==> flow/design.v <==
module la4 (
    input wire [3:0] a,
    input wire [3:0] b,
    input wire ci,
    output wire [3:0] s,
    output wire co
);
    wire [3:0] g = a & b;
    wire [3:0] p = a ^ b;
    wire c1 = g[0] | (p[0] & ci);
    wire c2 = g[1] | (p[1] & g[0]) | (p[1] & p[0] & ci);
    wire c3 = g[2] | (p[2] & g[1]) | (p[2] & p[1] & g[0]) | (p[2] & p[1] & p[0] & ci);
    assign co = g[3] | (p[3] & g[2]) | (p[3] & p[2] & g[1]) | (p[3] & p[2] & p[1] & g[0]) | (&p & ci);
    assign s = p ^ {c3, c2, c1, ci};
endmodule
module gen_add_blk #(
    parameter integer W = 112
) (
    input wire ck,
    input wire [W-1:0] dataa_in,
    input wire [W-1:0] datab_in,
    input wire cy_in_in,
    output reg [W-1:0] o_out,
    output reg carry_out_out
);
    reg [W-1:0] dataa_r;
    reg [W-1:0] datab_r;
    reg cy_in_r;
    always @(posedge ck) begin
        dataa_r <= dataa_in;
        datab_r <= datab_in;
        cy_in_r <= cy_in_in;
    end
    localparam SLICES = W / 4;
    wire [W-1:0] tmp;
    wire [SLICES:0] cy;
    assign cy[0] = cy_in_r;
    genvar i;
    generate
        for (i = 0; i < SLICES; i = i + 1) begin : row
            la4 inst (.a(dataa_r[4*i +: 4]), .b(datab_r[4*i +: 4]), .ci(cy[i]), .s(tmp[4*i +: 4]), .co(cy[i+1]));
        end
    endgenerate
    always @(posedge ck) begin
        o_out <= tmp;
        carry_out_out <= cy[SLICES];
    end
endmodule
; ---- Step by step through the tools: gen_add_blk
; The steps from the RTL of gen_add_blk to its reports follow in flow order.
; Lines are those of the file above, counted from 1.
; A cell with n/a has no value.
[setup]
top_module = gen_add_blk
clock = ck
cell_library = sky130hd
corner = tt_025C_1v80

; ---- Elaborated design
; Source: Yosys, flattened and elaborated, memories not mapped. Widths are those after wreduce; folded enables and synchronous resets count as part of the registers. Registers that Yosys merges into a memory's read port (data or address) are not register bits. Print and check cells do not count. Equal cells are merged and count once.
[word_totals]
ff_bits = 338
latch_bits = 0
ram_bits = 0
rom_bits = 0
clocked_rd_ports_x_width = 0
memories = 0
output_inout_bits = 113
wordCells = 817
[op_classes]
addsub = 0
mul = 0
div_mod_pow = 0
cmp = 0
eq_ne = 0
n_shift = 0
n_mux = 0
logic = 784
reduce_logical = 28
[op_table]
columns = op, count
row1 = 1-bit bitwise AND, 420
row2 = 1-bit OR, 280
row3 = 4-bit XOR, 56
row4 = 4-bit bitwise AND, 28
row5 = 4-bit AND reduction, 28

; ---- Depth
; Depth = most cells in a row (Yosys ltp): at word level without a register or memory, in the mapped netlist without a sequential cell, where the memories' decode and read muxes count.
[depth]
ltp_word = 61
ABC_AREA = 0
mapped_depth = 14

; ---- Synthesis result
; Yosys stat after the flow's synthesis: flattened, memories mapped to cells. It holds for the ABC_AREA given above (unset counts as 0); a run with the other value may have another netlist.
[synth_totals]
mapped_cells = 934
synth_area_um2 = 11576.1
seqArea_um2 = 6766.5
ff_cells = 338
[by_type]
columns = type, count, area_total_um2
row1 = sky130_fd_sc_hd__dfxtp_1, 338, 6766.49
row2 = sky130_fd_sc_hd__ha_1, 112, 1.4E+03
row3 = sky130_fd_sc_hd__fa_1, 28, 560.538
row4 = sky130_fd_sc_hd__xor2_1, 43, 376.611
row5 = sky130_fd_sc_hd__a21oi_1, 72, 360.346
row6 = sky130_fd_sc_hd__xnor2_1, 35, 306.544
row7 = sky130_fd_sc_hd__a21o_1, 28, 210.202
row8 = sky130_fd_sc_hd__nand2_1, 50, 187.68
row9 = sky130_fd_sc_hd__nor2_1, 38, 142.637
row10 = sky130_fd_sc_hd__o21ai_0, 27, 135.13
row11 = sky130_fd_sc_hd__inv_1, 28, 105.101
row12 = sky130_fd_sc_hd__nand4_1, 15, 93.84
row13 = sky130_fd_sc_hd__o21bai_1, 11, 82.579
row14 = sky130_fd_sc_hd__nand3_1, 12, 60.058
row15 = sky130_fd_sc_hd__o21a_1, 8, 60.058
row16 = sky130_fd_sc_hd__nor3_1, 8, 40.038
row17 = sky130_fd_sc_hd__and4_1, 4, 35.034
row18 = sky130_fd_sc_hd__o21ai_1, 7, 35.034
; Other cell types: 37; their cells: 70.
; The figures by module come from a second, unflattened synthesis with its own total; it is not the netlist above.
[unflattened]
cells_unflattened = 814
hier_area_um2 = 10900.5
; Rows give one instance, submodules left out.
[modules]
columns = module, n_inst, cells, mod_area_um2
row1 = gen_add_blk, 1, 338, 6766.5
row2 = la4, 28, 17, 147.6

; ---- Timing after synthesis
; OpenSTA on the mapped netlist: ideal clock, no wires. The path of least setup slack (recovery checks aside). Input and output delay are each 20% of the period. Register names are those of the netlist, which keeps one name where synthesis merged equal registers.
[synth_path]
kind = reg2reg
from = register dataa_r[0]
to = register o_out[105]
clock_period_ns = 3.93
setup_ns = 0.120
t_first_pin_ns = 0.000
arrival_time_ns = 3.020
t_required_ns = 3.810
path_slack_ns = 0.790
path_delay_ns = 3.140
driving_pins = 15
path_buffers = 0
synth_period_reached_ns = 3.14
; "path_delay_ns" is the arrival time less input delay plus setup time.
; "driving_pins": output pins that drive a net of the path, with the launching flip-flop's if there is one; two outputs of one cell count as two.
; "synth_period_reached_ns" = period - worst setup slack (recovery checks aside). The figure is calculated, with input and output delays left at 20% of the set period.
; Between the ends stands the longest chain of elaborated cells between them, by number of cells; it is not shown to be the way that was timed. Of several equally long chains one is given.
; A line is the first line of the expression or statement that the cell stems from. Yosys adds cells for indexed reads and writes and turns some case tables into memories.
[synth_between]
cell_sequence = sky130_fd_sc_hd__dfxtp_1 sky130_fd_sc_hd__ha_1 sky130_fd_sc_hd__a211oi_2 sky130_fd_sc_hd__o21ai_1 sky130_fd_sc_hd__o311ai_2 sky130_fd_sc_hd__a31oi_1 sky130_fd_sc_hd__a21oi_2 sky130_fd_sc_hd__nor3_2 sky130_fd_sc_hd__nor2_1 sky130_fd_sc_hd__o21bai_1 sky130_fd_sc_hd__o41ai_2 sky130_fd_sc_hd__o21bai_1 sky130_fd_sc_hd__a21o_1 sky130_fd_sc_hd__fa_1 sky130_fd_sc_hd__xor2_1
elab_chain_cells = 57
cone_cells = 60
cone_lines = 5
[synth_rtl]
columns = element, line_no
row1 = start: declaration, 26  ; reg [W-1:0] dataa_r;
row2 = start: assignment, 30  ; dataa_r <= dataa_in;
row3 = 4-bit bitwise AND, 8  ; wire [3:0] g = a & b;
row4 = 1-bit bitwise AND, 13  ; assign co = g[3] | (p[3] & g[2]) | (p[3] & p[2] & g[1]) | (p[3] & p[2] & p[1] & g[0]) | (&p & ci);
row5 = 1-bit OR x2, 13
row6 = 1-bit bitwise AND, 13
row7 = 1-bit OR, 13
row8 = 1-bit bitwise AND, 13
row9 = 1-bit OR, 13
row10 = (+42 left out), n/a
row11 = 1-bit bitwise AND, 13
row12 = 1-bit OR, 13
row13 = 1-bit bitwise AND, 13
row14 = 1-bit OR, 13
row15 = 1-bit bitwise AND, 10  ; wire c1 = g[0] | (p[0] & ci);
row16 = 1-bit OR, 10
row17 = 4-bit XOR, 14  ; assign s = p ^ {c3, c2, c1, ci};
row18 = end: assignment, 45  ; o_out <= tmp;
row19 = end: declaration, 23  ; output reg [W-1:0] o_out,

; ---- Worst path after layout
; Path of least setup slack in the final report of entry A (OpenROAD, finished layout, wires in). Where an end is a register, its clock arrival counts in the times.
[layout_path]
kind = reg2reg
from = register dataa_r[37]
to = register o_out[105]
clock_period_ns = 3.93
setup_ns = 0.11
t_first_pin_ns = 0.50
arrival_time_ns = 4.05
t_required_ns = 4.33
path_slack_ns = 0.28
driving_pins = 15
path_buffers = 0
; Between the ends stands the longest chain of elaborated cells between them, by number of cells; it is not shown to be the way that was timed. Of several equally long chains one is given.
[layout_between]
cell_sequence = sky130_fd_sc_hd__dfxtp_1 sky130_fd_sc_hd__ha_1 sky130_fd_sc_hd__a21oi_1 sky130_fd_sc_hd__o21ai_0 sky130_fd_sc_hd__a211oi_1 sky130_fd_sc_hd__o2bb2ai_1 sky130_fd_sc_hd__a21oi_2 sky130_fd_sc_hd__nor3_2 sky130_fd_sc_hd__nor2_1 sky130_fd_sc_hd__o21bai_1 sky130_fd_sc_hd__o41ai_2 sky130_fd_sc_hd__o21bai_1 sky130_fd_sc_hd__a21o_1 sky130_fd_sc_hd__fa_1 sky130_fd_sc_hd__xor2_1
elab_chain_cells = 40
cone_cells = 45
cone_lines = 5
[layout_rtl]
columns = element, line_no
row1 = start: declaration, 26  ; reg [W-1:0] dataa_r;
row2 = start: assignment, 30  ; dataa_r <= dataa_in;
row3 = 4-bit bitwise AND, 8  ; wire [3:0] g = a & b;
row4 = 1-bit bitwise AND, 13  ; assign co = g[3] | (p[3] & g[2]) | (p[3] & p[2] & g[1]) | (p[3] & p[2] & p[1] & g[0]) | (&p & ci);
row5 = 1-bit OR x3, 13
row6 = 1-bit bitwise AND, 13
row7 = 1-bit OR, 13
row8 = 1-bit bitwise AND, 13
row9 = 1-bit OR, 13
row10 = (+24 left out), n/a
row11 = 1-bit bitwise AND, 13
row12 = 1-bit OR, 13
row13 = 1-bit bitwise AND, 13
row14 = 1-bit OR, 13
row15 = 1-bit bitwise AND, 10  ; wire c1 = g[0] | (p[0] & ci);
row16 = 1-bit OR, 10
row17 = 4-bit XOR, 14  ; assign s = p ^ {c3, c2, c1, ci};
row18 = end: assignment, 45  ; o_out <= tmp;
row19 = end: declaration, 23  ; output reg [W-1:0] o_out,

; Flow measurements of gen_add_blk on sky130hd: 3 stored runs with different settings, listed in no order. Input and output delays are each 20% of the period that was set; the output load is 0.01 pF.
; "critical_path_time_ns" means the part of the period allowed to the worst setup path (the constraints hold back 20% at inputs and 20% at outputs) less its slack; where the path has registers, the arrival times of their clocks count too.

[entry A: settings]
period_ns = 3.93
CAP_MARGIN = 20
CORE_MARGIN = 2
CORE_UTILIZATION = 40
SLEW_MARGIN = 20
[entry A: results]
post_synth_area_um2 = 11576.1
die_um2 = 30317.8
final_stdcell_area_um2 = 16615.9
finish.utilization_pct = 58.0
timing.setup.ws_ns = 0.281
setup_tns_ns = 0.000
final_hold_ws_ns = 0.536
critical_path_time_ns = 3.65
timing.worst_path_kind = reg2reg

[entry B: settings]
period_ns = 3.0
CORE_UTILIZATION = 47
SETUP_SLACK_MARGIN = -0.1
PLACE_DENSITY = 0.35
CORE_ASPECT_RATIO = 1.51
CORE_MARGIN = 4
CELL_PAD_IN_SITES_GLOBAL_PLACEMENT = 3
TNS_END_PERCENT = 95
GPL_TIMING_DRIVEN = 0
CAP_MARGIN = 15
SLEW_MARGIN = 30
MIN_ROUTING_LAYER = met2
MAX_ROUTING_LAYER = met4
[entry B: results]
outcome = did not finish, placement stopped with GPL-0301

[entry C: settings]
period_ns = 5.8
CORE_UTILIZATION = 27
PLACE_DENSITY_LB_ADDON = 0.19
HOLD_SLACK_MARGIN = 0.17
CELL_PAD_IN_SITES_GLOBAL_PLACEMENT = 0
TNS_END_PERCENT = 60
ABC_AREA = 0
GPL_TIMING_DRIVEN = 1
CTS_CLUSTER_DIAMETER = 260
CAP_MARGIN = 5
CORE_MARGIN = 2
SLEW_MARGIN = 20
[entry C: results]
post_synth_area_um2 = 11576.1
die_um2 = 44546.3
final_stdcell_area_um2 = 16868.7
finish.utilization_pct = 40.0
timing.setup.ws_ns = 2.102
setup_tns_ns = 0.000
final_hold_ws_ns = 0.536
critical_path_time_ns = 3.70
timing.worst_path_kind = reg2reg
